==> flow/design.v <==
module dp_sum_block_p #(
    parameter int DATA_W = 64
) (
    input logic i_clk,
    input logic ce,
    input logic [DATA_W-1:0] opa,
    input logic [DATA_W-1:0] opb,
    output logic [DATA_W-1:0] res
);
    logic [DATA_W-1:0] opa_r;
    logic [DATA_W-1:0] opb_r;
    always_ff @(posedge i_clk) begin
        if (ce) begin
            opa_r <= opa;
            opb_r <= opb;
        end
    end
    logic [DATA_W:0] t;
    assign t = opa_r + opb_r;
    logic [DATA_W-1:0] res_r;
    always_ff @(posedge i_clk) begin
        if (ce) begin
            res_r <= t[DATA_W] ? {DATA_W{1'b1}} : t[DATA_W-1:0];
        end
    end
    assign res = res_r;
endmodule
== Tool chain data of dp_sum_block_p ==
The steps from the RTL of dp_sum_block_p to its reports follow in flow order.
Lines are those of the file above, counted from 1.
Library cell names are shortened.
The mark - stands for no value.
Set-up
  design top: dp_sum_block_p
  clock: i_clk
  library: sky130hd
  corner: tt_025C_1v80

== Elaborated design ==
Source: Yosys, flattened and elaborated, memories not mapped. Widths are those after wreduce; folded enables and synchronous resets count as part of the registers. Registers that Yosys merges into a memory's read port (data or address) are not register bits. Print and check cells do not count. Equal cells are merged and count once.
Cells by class
  add/subtract/negate cells: 1
Operators with widths (number)
  64-bit by 64-bit adder with 65-bit output: 1
Word-level totals
  bits of input ports: 130
  register bits after elaboration: 192
  output and inout port bits: 64
  elaborated cells: 4

== Longest topological paths ==
Yosys ltp: most cells in a row. Word level: on the elaborated netlist, between registers, memories and ports. Mapped: between sequential cells and ports; inverters and the memories' decode and read muxes count.
Logic depth
  word-level depth: 1
  ABC_AREA: 0
  mapped depth: 13
  depth with buffers taken out: 12

== After synthesis ==
Yosys stat after the flow's synthesis: flattened, memories mapped to cells. It holds for the ABC_AREA given above (unset counts as 0); a run with the other value may have another netlist.
Cell types
  edfxtp_1: number 192, area in all 5765.53 um^2
  ha_1: number 64, area in all 800.768 um^2
  nand2_1: number 105, area in all 394.128 um^2
  a21oi_1: number 74, area in all 370.355 um^2
  a21o_1: number 43, area in all 322.81 um^2
  xnor2_1: number 32, area in all 280.269 um^2
  xor2_1: number 26, area in all 227.718 um^2
  nor2_1: number 42, area in all 157.651 um^2
  o21ai_0: number 26, area in all 130.125 um^2
  nand4_1: number 19, area in all 118.864 um^2
  a31oi_1: number 14, area in all 87.584 um^2
  o21bai_1: number 11, area in all 82.579 um^2
  inv_1: number 17, area in all 63.811 um^2
  buf_2: number 10, area in all 50.048 um^2
  nand2b_1: number 8, area in all 50.048 um^2
  nor3_1: number 10, area in all 50.048 um^2
  a211oi_1: number 6, area in all 45.043 um^2
  o21ai_1: number 9, area in all 45.043 um^2
Other cell types: 40; their cells: 85.
Mapped netlist
  sequential part of the area: 5765.5 um^2
  cell area after synthesis: 9705.6 um^2
  mapped flip-flops: 192
  mapped cells: 793
  buffer cells: 21

== Worst setup path after synthesis ==
Source: OpenSTA report_checks on the synthesized netlist (no wires, ideal clock, input and output delay 20% of the period each), path of least setup slack; recovery checks are left aside. Register names are those of the netlist, which keeps one name where synthesis merged equal registers.
Path post-synthesis
  path type: register to register
  start point: reg opa_r[0]
  end point: reg res_r[62]
  slack: 0.834 ns
  data arrival time: 3.078 ns
  driving pins on the path: 13
  time at the first pin: 0.000 ns
  path delay: 3.336 ns
  setup time: 0.258 ns
  data required time: 3.912 ns
  buffers on the path: 0
  period: 4.17 ns
  synthesis period reached: 3.336 ns
"path delay" = arrival - input delay + setup time.
"driving pins on the path": output pins that drive a net of the path, with the launching flip-flop's if there is one; two outputs of one cell count as two.
"synthesis period reached" = period - worst setup slack (recovery checks aside). The figure is calculated, with input and output delays left at 20% of the set period.
The rows between start and end are the longest chain of elaborated cells between them; the timing report does not say that the signal goes this way. Where chains are equally long, one stands for them.
A line is the first line of the expression or statement that the cell stems from. Yosys adds cells for indexed reads and writes and turns some case tables into memories.
On the way, post-synthesis
  cells stage by stage: edfxtp_1 > ha_1 > fa_1 > a211oi_2 > o21ai_1 > a21oi_4 > o211ai_4 > a2111oi_4 > o31ai_1 > or3_4 > a221oi_2 > xor2_1 > nand2_1
  length of the longest elaborated chain: 1
  elaborated cells between the ends (all ways): 1
  RTL lines with such cells: 1
  those cells by class: add/sub (1)
Ends and longest elaborated chain, post-synthesis
  start: declaration: line 10  | logic [DATA_W-1:0] opa_r;
  start: assignment: line 14  | opa_r <= opa;
  64-bit by 64-bit adder with 65-bit output: line 19  | assign t = opa_r + opb_r;
  end: assignment: line 23  | res_r <= t[DATA_W] ? {DATA_W{1'b1}} : t[DATA_W-1:0];
  end: declaration: line 20  | logic [DATA_W-1:0] res_r;

== Path in the finished layout ==
Path of least setup slack in the final report of run 1 (OpenROAD, finished layout, wires in). Where an end is a register, its clock arrival counts in the times.
Path after layout
  path type: register to register
  start point: reg opa_r[0]
  end point: reg res_r[17]
  time at the first pin: 0.42 ns
  data required time: 4.34 ns
  driving pins on the path: 13
  data arrival time: 3.90 ns
  period: 4.17 ns
  slack: 0.44 ns
  setup time: 0.25 ns
  buffers on the path: 1
The rows between start and end are the longest chain of elaborated cells between them; the timing report does not say that the signal goes this way. Where chains are equally long, one stands for them.
On the way, after layout
  cells stage by stage: edfxtp_1 > ha_1 > fa_1 > a211oi_2 > o21ai_1 > a21oi_4 > o211ai_4 > a2111oi_4 > o311ai_1 > a21oi_1 > a211o_2 > buf_4 > o21ai_1
  length of the longest elaborated chain: 1
  elaborated cells between the ends (all ways): 1
  RTL lines with such cells: 1
  those cells by class: add/sub (1)
Ends and longest elaborated chain, after layout
  start: declaration: line 10  | logic [DATA_W-1:0] opa_r;
  start: assignment: line 14  | opa_r <= opa;
  64-bit by 64-bit adder with 65-bit output: line 19  | assign t = opa_r + opb_r;
  end: assignment: line 23  | res_r <= t[DATA_W] ? {DATA_W{1'b1}} : t[DATA_W-1:0];
  end: declaration: line 20  | logic [DATA_W-1:0] res_r;

Add stored flow runs of dp_sum_block_p

3 stored runs of dp_sum_block_p in the flow (synthesis by Yosys, layout by OpenROAD, sky130hd cells), in arbitrary order. Constraints: input delay and output delay 20% of the set period each, output load 0.01 pF.
"achieved clock period (ns)" is the run's clock period less its worst setup slack. It is reckoned from that one timing run; input and output delays stay at 20% of the period that was set.
"finish__power__total" rests on the timing tool's default activity at the inputs, not on a simulated workload.

settings of run 1
{
  "period_ns": 4.17,
  "CAP_MARGIN": 20,
  "CORE_MARGIN": 2,
  "CORE_UTILIZATION": 40,
  "SLEW_MARGIN": 20
}
report of run 1
yosys chip area after synthesis (um^2): 9705.6
finish__design__die__area: 25526.5
finish__design__instance__utilization: 0.5230
finish__timing__setup__ws: 0.442
finish__timing__setup__tns: 0.000
finish__timing__hold__ws: 0.650
finish__power__total: 5.620e-03
achieved clock period (ns): 3.728

settings of run 2
{
  "period_ns": 6.46,
  "CORE_UTILIZATION": 62,
  "PLACE_DENSITY_LB_ADDON": 0.15,
  "CORE_ASPECT_RATIO": 1.06,
  "CORE_MARGIN": 2,
  "CELL_PAD_IN_SITES_DETAIL_PLACEMENT": 2,
  "ABC_AREA": 0,
  "GPL_ROUTABILITY_DRIVEN": 1,
  "CAP_MARGIN": 0,
  "SLEW_MARGIN": 20
}
report of run 2: did not finish, place, DPL-0033

settings of run 3
{
  "period_ns": 2.9,
  "CORE_UTILIZATION": 24,
  "PLACE_DENSITY_LB_ADDON": 0.02,
  "CORE_ASPECT_RATIO": 0.73,
  "TNS_END_PERCENT": 5,
  "ABC_AREA": 1,
  "CAP_MARGIN": 0,
  "MAX_ROUTING_LAYER": "met4",
  "CORE_MARGIN": 2,
  "SLEW_MARGIN": 20
}
report of run 3
yosys chip area after synthesis (um^2): 12200.5
finish__design__die__area: 52677.9
finish__design__instance__utilization: 0.3152
finish__timing__setup__ws: 0.215
finish__timing__setup__tns: 0.000
finish__timing__hold__ws: 0.650
finish__power__total: 8.917e-03
achieved clock period (ns): 2.685
